==> flow/design.v <==
module mul_core_n #(
    parameter NBITS = 12
) (
    input  wire clk_i,
    input  wire resetn,
    input  wire [NBITS-1:0] x,
    input  wire [NBITS-1:0] y,
    output wire [2*NBITS-1:0] m
);
    reg [NBITS-1:0] x_r;
    always @(posedge clk_i or negedge resetn) begin
        if (~resetn) begin
            x_r <= 0;
        end else begin
            x_r <= x;
        end
    end
    reg [NBITS-1:0] y_r;
    always @(posedge clk_i or negedge resetn) begin
        if (~resetn) begin
            y_r <= 0;
        end else begin
            y_r <= y;
        end
    end
    reg [2*NBITS-1:0] val;
    integer n;
    always @* begin
        val = 0;
        for (n = 0; n < NBITS; n = n + 1)
            if (y_r[n]) val = val + (x_r << n);
    end
    assign m = val;
endmodule
* Reports on mul_core_n *
Tool output for the design above, in the order of the flow.
Lines are those of the file above, counted from 1.
A cell with - has no value.

design
  top = mul_core_n
  clock input = clk_i
  standard-cell library = sky130hd
  timing corner = tt_025C_1v80

* After elaboration *
Source: Yosys, flattened and elaborated, memories not mapped. Widths are those after wreduce; folded enables and synchronous resets count as part of the registers. Registers that Yosys merges into a memory's read port (data or address) are not register bits. Print and check cells do not count. Equal cells are merged and count once.

storage and ports
  cells after elaboration = 25
  output and inout port bits = 24
  input bits = 26
  bits in registers = 24

cells by class
  $add $sub $neg = 11
  muxes and demuxes = 12

operators by type and width
  kind                                       number
  24-bit 2-to-1 mux                          11
  24-bit by 13-bit adder with 24-bit output  1
  24-bit by 14-bit adder with 24-bit output  1
  24-bit by 15-bit adder with 24-bit output  1
  24-bit by 16-bit adder with 24-bit output  1
  24-bit by 17-bit adder with 24-bit output  1
  24-bit by 18-bit adder with 24-bit output  1
  24-bit by 19-bit adder with 24-bit output  1
  24-bit by 20-bit adder with 24-bit output  1
  24-bit by 21-bit adder with 24-bit output  1
  24-bit by 22-bit adder with 24-bit output  1
  24-bit by 23-bit adder with 24-bit output  1
  12-bit 2-to-1 mux                          1

* Depth *
Yosys ltp: most cells in a row. Word level: on the elaborated netlist, between registers, memories and ports. Mapped: between sequential cells and ports; inverters and the memories' decode and read muxes count.

depth
  word-level depth = 23
  ABC_AREA = 1
  depth in mapped cells = 96
  depth with buffers taken out = 95

* Mapped cells and area *
Source: synth_stat.txt of the flow (Yosys; design flattened, memories mapped). It holds for the ABC_AREA given above (unset counts as 0); a run with the other value may have another netlist.

mapped netlist
  sequential part of the area = 600.6 um^2
  cell count = 1360
  synthesis area = 8114.0 um^2
  flip-flop cells = 24
  buffer cells = 23

cells by type
  cell type                  number  area in all (um^2)
  sky130_fd_sc_hd__ha_1      137     1.71E+03
  sky130_fd_sc_hd__nand2_1   400     1501.44
  sky130_fd_sc_hd__nand3_1   143     715.686
  sky130_fd_sc_hd__inv_1     183     686.909
  sky130_fd_sc_hd__dfrtp_1   24      600.576
  sky130_fd_sc_hd__a21oi_1   101     505.485
  sky130_fd_sc_hd__o21ai_0   65      325.312
  sky130_fd_sc_hd__xor2_1    33      289.027
  sky130_fd_sc_hd__nor2_1    63      236.477
  sky130_fd_sc_hd__fa_1      11      220.211
  sky130_fd_sc_hd__and2_1    26      162.656
  sky130_fd_sc_hd__xnor2_1   18      157.651
  sky130_fd_sc_hd__or2_2     19      118.864
  sky130_fd_sc_hd__o21bai_1  13      97.594
  sky130_fd_sc_hd__o21ai_1   17      85.082
  sky130_fd_sc_hd__o21ai_2   7       61.309
  sky130_fd_sc_hd__nand3_2   6       60.058
  sky130_fd_sc_hd__a31oi_1   9       56.304

Not listed: further types 27, cells in them 85.

* Worst setup path after synthesis *
Source: OpenSTA report_checks on the synthesized netlist (no wires, ideal clock, input and output delay 20% of the period each), path of least setup slack; recovery checks are left aside. Register names are those of the netlist, which keeps one name where synthesis merged equal registers.

timing post-synthesis
  path type = reg2out
  start point = register x_r[1]
  end point = output port m[22]
  data required time = 17.600 ns
  clock period = 22.0 ns
  delay of the path = 12.439 ns
  stages = 83
  arrival = 12.439 ns
  external output delay = 4.400 ns
  buffers on the path = 0
  launch time at the first pin = 0.000 ns
  slack = 5.161 ns
  period reached after synthesis = 16.839 ns

"delay of the path" is the arrival time less input delay plus setup time.
At an output port there is no setup time.
"stages": output pins that drive a net of the path, with the launching flip-flop's if there is one; two outputs of one cell count as two.
"period reached after synthesis" = period - worst setup slack (recovery checks aside). The figure is calculated, with input and output delays left at 20% of the set period.
Between the ends stands the longest chain of elaborated cells between them, by number of cells; it is not shown to be the way that was timed. Of several equally long chains one is given.
Each line given opens the expression or statement behind the cell; cells for indexed reads and writes are added by Yosys, which also makes memories of some case tables.

between the ends, post-synthesis
  path through = sky130_fd_sc_hd__dfrtp_1 -> sky130_fd_sc_hd__nand2_1 -> sky130_fd_sc_hd__inv_1 -> sky130_fd_sc_hd__ha_1 -> sky130_fd_sc_hd__fa_1 -> sky130_fd_sc_hd__nand2_1 -> sky130_fd_sc_hd__nand2_2 -> sky130_fd_sc_hd__xor2_1 -> sky130_fd_sc_hd__o21ai_1 -> sky130_fd_sc_hd__ha_1 -> sky130_fd_sc_hd__a21oi_1 -> sky130_fd_sc_hd__o21ai_0 -> sky130_fd_sc_hd__a21oi_1 -> sky130_fd_sc_hd__nor2_1 -> sky130_fd_sc_hd__nor2_1 -> sky130_fd_sc_hd__xnor2_1 -> sky130_fd_sc_hd__nand2_1 -> sky130_fd_sc_hd__and2_1 -> [47 not listed] -> sky130_fd_sc_hd__inv_1 -> sky130_fd_sc_hd__nand3_1 -> sky130_fd_sc_hd__o221ai_1 -> sky130_fd_sc_hd__a21oi_1 -> sky130_fd_sc_hd__o21ai_0 -> sky130_fd_sc_hd__nand2_1 -> sky130_fd_sc_hd__ha_1 -> sky130_fd_sc_hd__nand2_1 -> sky130_fd_sc_hd__o21ai_0 -> sky130_fd_sc_hd__nand2_1 -> sky130_fd_sc_hd__o21ai_0 -> sky130_fd_sc_hd__nor2_1 -> sky130_fd_sc_hd__o31ai_1 -> sky130_fd_sc_hd__ha_1 -> sky130_fd_sc_hd__a21oi_1 -> sky130_fd_sc_hd__o21ai_0 -> sky130_fd_sc_hd__xor2_1 -> sky130_fd_sc_hd__o21ai_0
  cells in the longest elaborated chain = 23
  elaborated cells between the ends (all ways) = 23
  RTL lines with such cells = 1
  classes of those cells = add/sub (11); mux (12)

RTL lines, path post-synthesis
  item                                       line  RTL
  from (decl)                                10    reg [NBITS-1:0] x_r;
  from (assign)                              13    x_r <= 0;
  from (assign)                              15    x_r <= x;
  12-bit 2-to-1 mux                          31    if (y_r[n]) val = val + (x_r << n);
  24-bit by 13-bit adder with 24-bit output  31
  24-bit 2-to-1 mux                          31
  24-bit by 14-bit adder with 24-bit output  31
  24-bit 2-to-1 mux                          31
  24-bit by 15-bit adder with 24-bit output  31
  24-bit 2-to-1 mux                          31
  [9 not listed]                             -
  24-bit 2-to-1 mux                          31
  24-bit by 21-bit adder with 24-bit output  31
  24-bit 2-to-1 mux                          31
  24-bit by 22-bit adder with 24-bit output  31
  24-bit 2-to-1 mux                          31
  24-bit by 23-bit adder with 24-bit output  31
  24-bit 2-to-1 mux                          31
  to (decl)                                  8     output wire [2*NBITS-1:0] m

* Path in the finished layout *
From the final timing report of job 2: the path of least setup slack in the routed layout; clock arrival at registers is part of the times.

timing after layout
  path type = reg2out
  start point = register x_r[1]
  end point = output port m[22]
  buffers on the path = 3
  stages = 85
  arrival = 12.89 ns
  data required time = 13.20 ns
  clock period = 16.5 ns
  launch time at the first pin = 0.28 ns
  slack = 0.31 ns
  external output delay = 3.30 ns

Between the ends stands the longest chain of elaborated cells between them, by number of cells; it is not shown to be the way that was timed. Of several equally long chains one is given.

between the ends, after layout
  path through = sky130_fd_sc_hd__dfrtp_2 -> sky130_fd_sc_hd__nand2_1 -> sky130_fd_sc_hd__inv_1 -> sky130_fd_sc_hd__ha_4 -> sky130_fd_sc_hd__fa_2 -> sky130_fd_sc_hd__nand2_1 -> sky130_fd_sc_hd__nand2_2 -> sky130_fd_sc_hd__xor2_2 -> sky130_fd_sc_hd__o21ai_2 -> sky130_fd_sc_hd__ha_4 -> sky130_fd_sc_hd__a21oi_4 -> sky130_fd_sc_hd__o21ai_4 -> sky130_fd_sc_hd__a21oi_2 -> sky130_fd_sc_hd__nor2_1 -> sky130_fd_sc_hd__nor2_1 -> sky130_fd_sc_hd__xnor2_1 -> sky130_fd_sc_hd__nand2_1 -> sky130_fd_sc_hd__and2_4 -> [49 not listed] -> sky130_fd_sc_hd__nand2_2 -> sky130_fd_sc_hd__a21oi_2 -> sky130_fd_sc_hd__buf_4 -> sky130_fd_sc_hd__xor2_1 -> sky130_fd_sc_hd__or2_4 -> sky130_fd_sc_hd__nand2_2 -> sky130_fd_sc_hd__ha_4 -> sky130_fd_sc_hd__a21oi_4 -> sky130_fd_sc_hd__xor2_1 -> sky130_fd_sc_hd__o21ai_2 -> sky130_fd_sc_hd__ha_1 -> sky130_fd_sc_hd__a21oi_2 -> sky130_fd_sc_hd__nand2_4 -> sky130_fd_sc_hd__a21oi_2 -> sky130_fd_sc_hd__o21ai_2 -> sky130_fd_sc_hd__xor2_1 -> sky130_fd_sc_hd__o21ai_2 -> sky130_fd_sc_hd__buf_2
  cells in the longest elaborated chain = 23
  elaborated cells between the ends (all ways) = 23
  RTL lines with such cells = 1
  classes of those cells = add/sub (11); mux (12)

RTL lines, path after layout
  item                                       line  RTL
  from (decl)                                10    reg [NBITS-1:0] x_r;
  from (assign)                              13    x_r <= 0;
  from (assign)                              15    x_r <= x;
  12-bit 2-to-1 mux                          31    if (y_r[n]) val = val + (x_r << n);
  24-bit by 13-bit adder with 24-bit output  31
  24-bit 2-to-1 mux                          31
  24-bit by 14-bit adder with 24-bit output  31
  24-bit 2-to-1 mux                          31
  24-bit by 15-bit adder with 24-bit output  31
  24-bit 2-to-1 mux                          31
  [9 not listed]                             -
  24-bit 2-to-1 mux                          31
  24-bit by 21-bit adder with 24-bit output  31
  24-bit 2-to-1 mux                          31
  24-bit by 22-bit adder with 24-bit output  31
  24-bit 2-to-1 mux                          31
  24-bit by 23-bit adder with 24-bit output  31
  24-bit 2-to-1 mux                          31
  to (decl)                                  8     output wire [2*NBITS-1:0] m

--- measured runs ---
Settings and measured results of 3 stored flow runs for module mul_core_n (sky130hd), not sorted in any way. The constraints put input and output delay at 20% of the set period each and load the outputs with 0.01 pF.
"achieved clock period": clock period set for the run, less the worst setup slack. It is reckoned from that one timing run; input and output delays stay at 20% of the period that was set.
"worst setup path time" = time allowed to the worst setup path (clock period - input delay - output delay, where it has them) - its slack; a late launch clock adds to it, a late capture clock takes from it.
"power consumption": no workload was simulated; the value follows from the tool's default switching activity.
Among the settings, - means not set for that run.
Among the results, - means that no value is shown for the run.

item                                    job 1  job 2    job 3
period_ns                               11.3   16.5     22.0
CORE_UTILIZATION                        56     29       40
SETUP_SLACK_MARGIN                      0.71   2.1      -
PLACE_DENSITY_LB_ADDON                  0.04   -        -
ABC_AREA                                1      1        -
CTS_CLUSTER_SIZE                        82     -        -
MIN_ROUTING_LAYER                       met2   met2     -
CAP_MARGIN                              20     20       20
CORE_MARGIN                             2      5        2
SLEW_MARGIN                             20     0        20
HOLD_SLACK_MARGIN                       -      -0.05    -
CELL_PAD_IN_SITES_GLOBAL_PLACEMENT      -      1        -
CELL_PAD_IN_SITES_DETAIL_PLACEMENT      -      1        -
GPL_TIMING_DRIVEN                       -      1        -
MAX_ROUTING_LAYER                       -      met5     -
post-layout utilization                 -      0.457    0.456
standard-cell area after layout (um^2)  -      12669.7  9594.2
worst setup path time (ns)              -      12.89    16.28
type of the worst setup path            -      reg2out  reg2out
summed negative setup slack (ns)        -      0.000    0.000
worst setup slack after layout (ns)     -      0.306    1.315
power consumption (mW)                  -      2.243    1.836
Yosys chip area after synthesis (um^2)  -      8114.0   8592.0
full die area (um^2)                    -      31424.7  22668.3
achieved clock period (ns)              -      16.194   20.685

Job 1: did not finish, clock tree synthesis stopped with DPL-0033
--- end ---
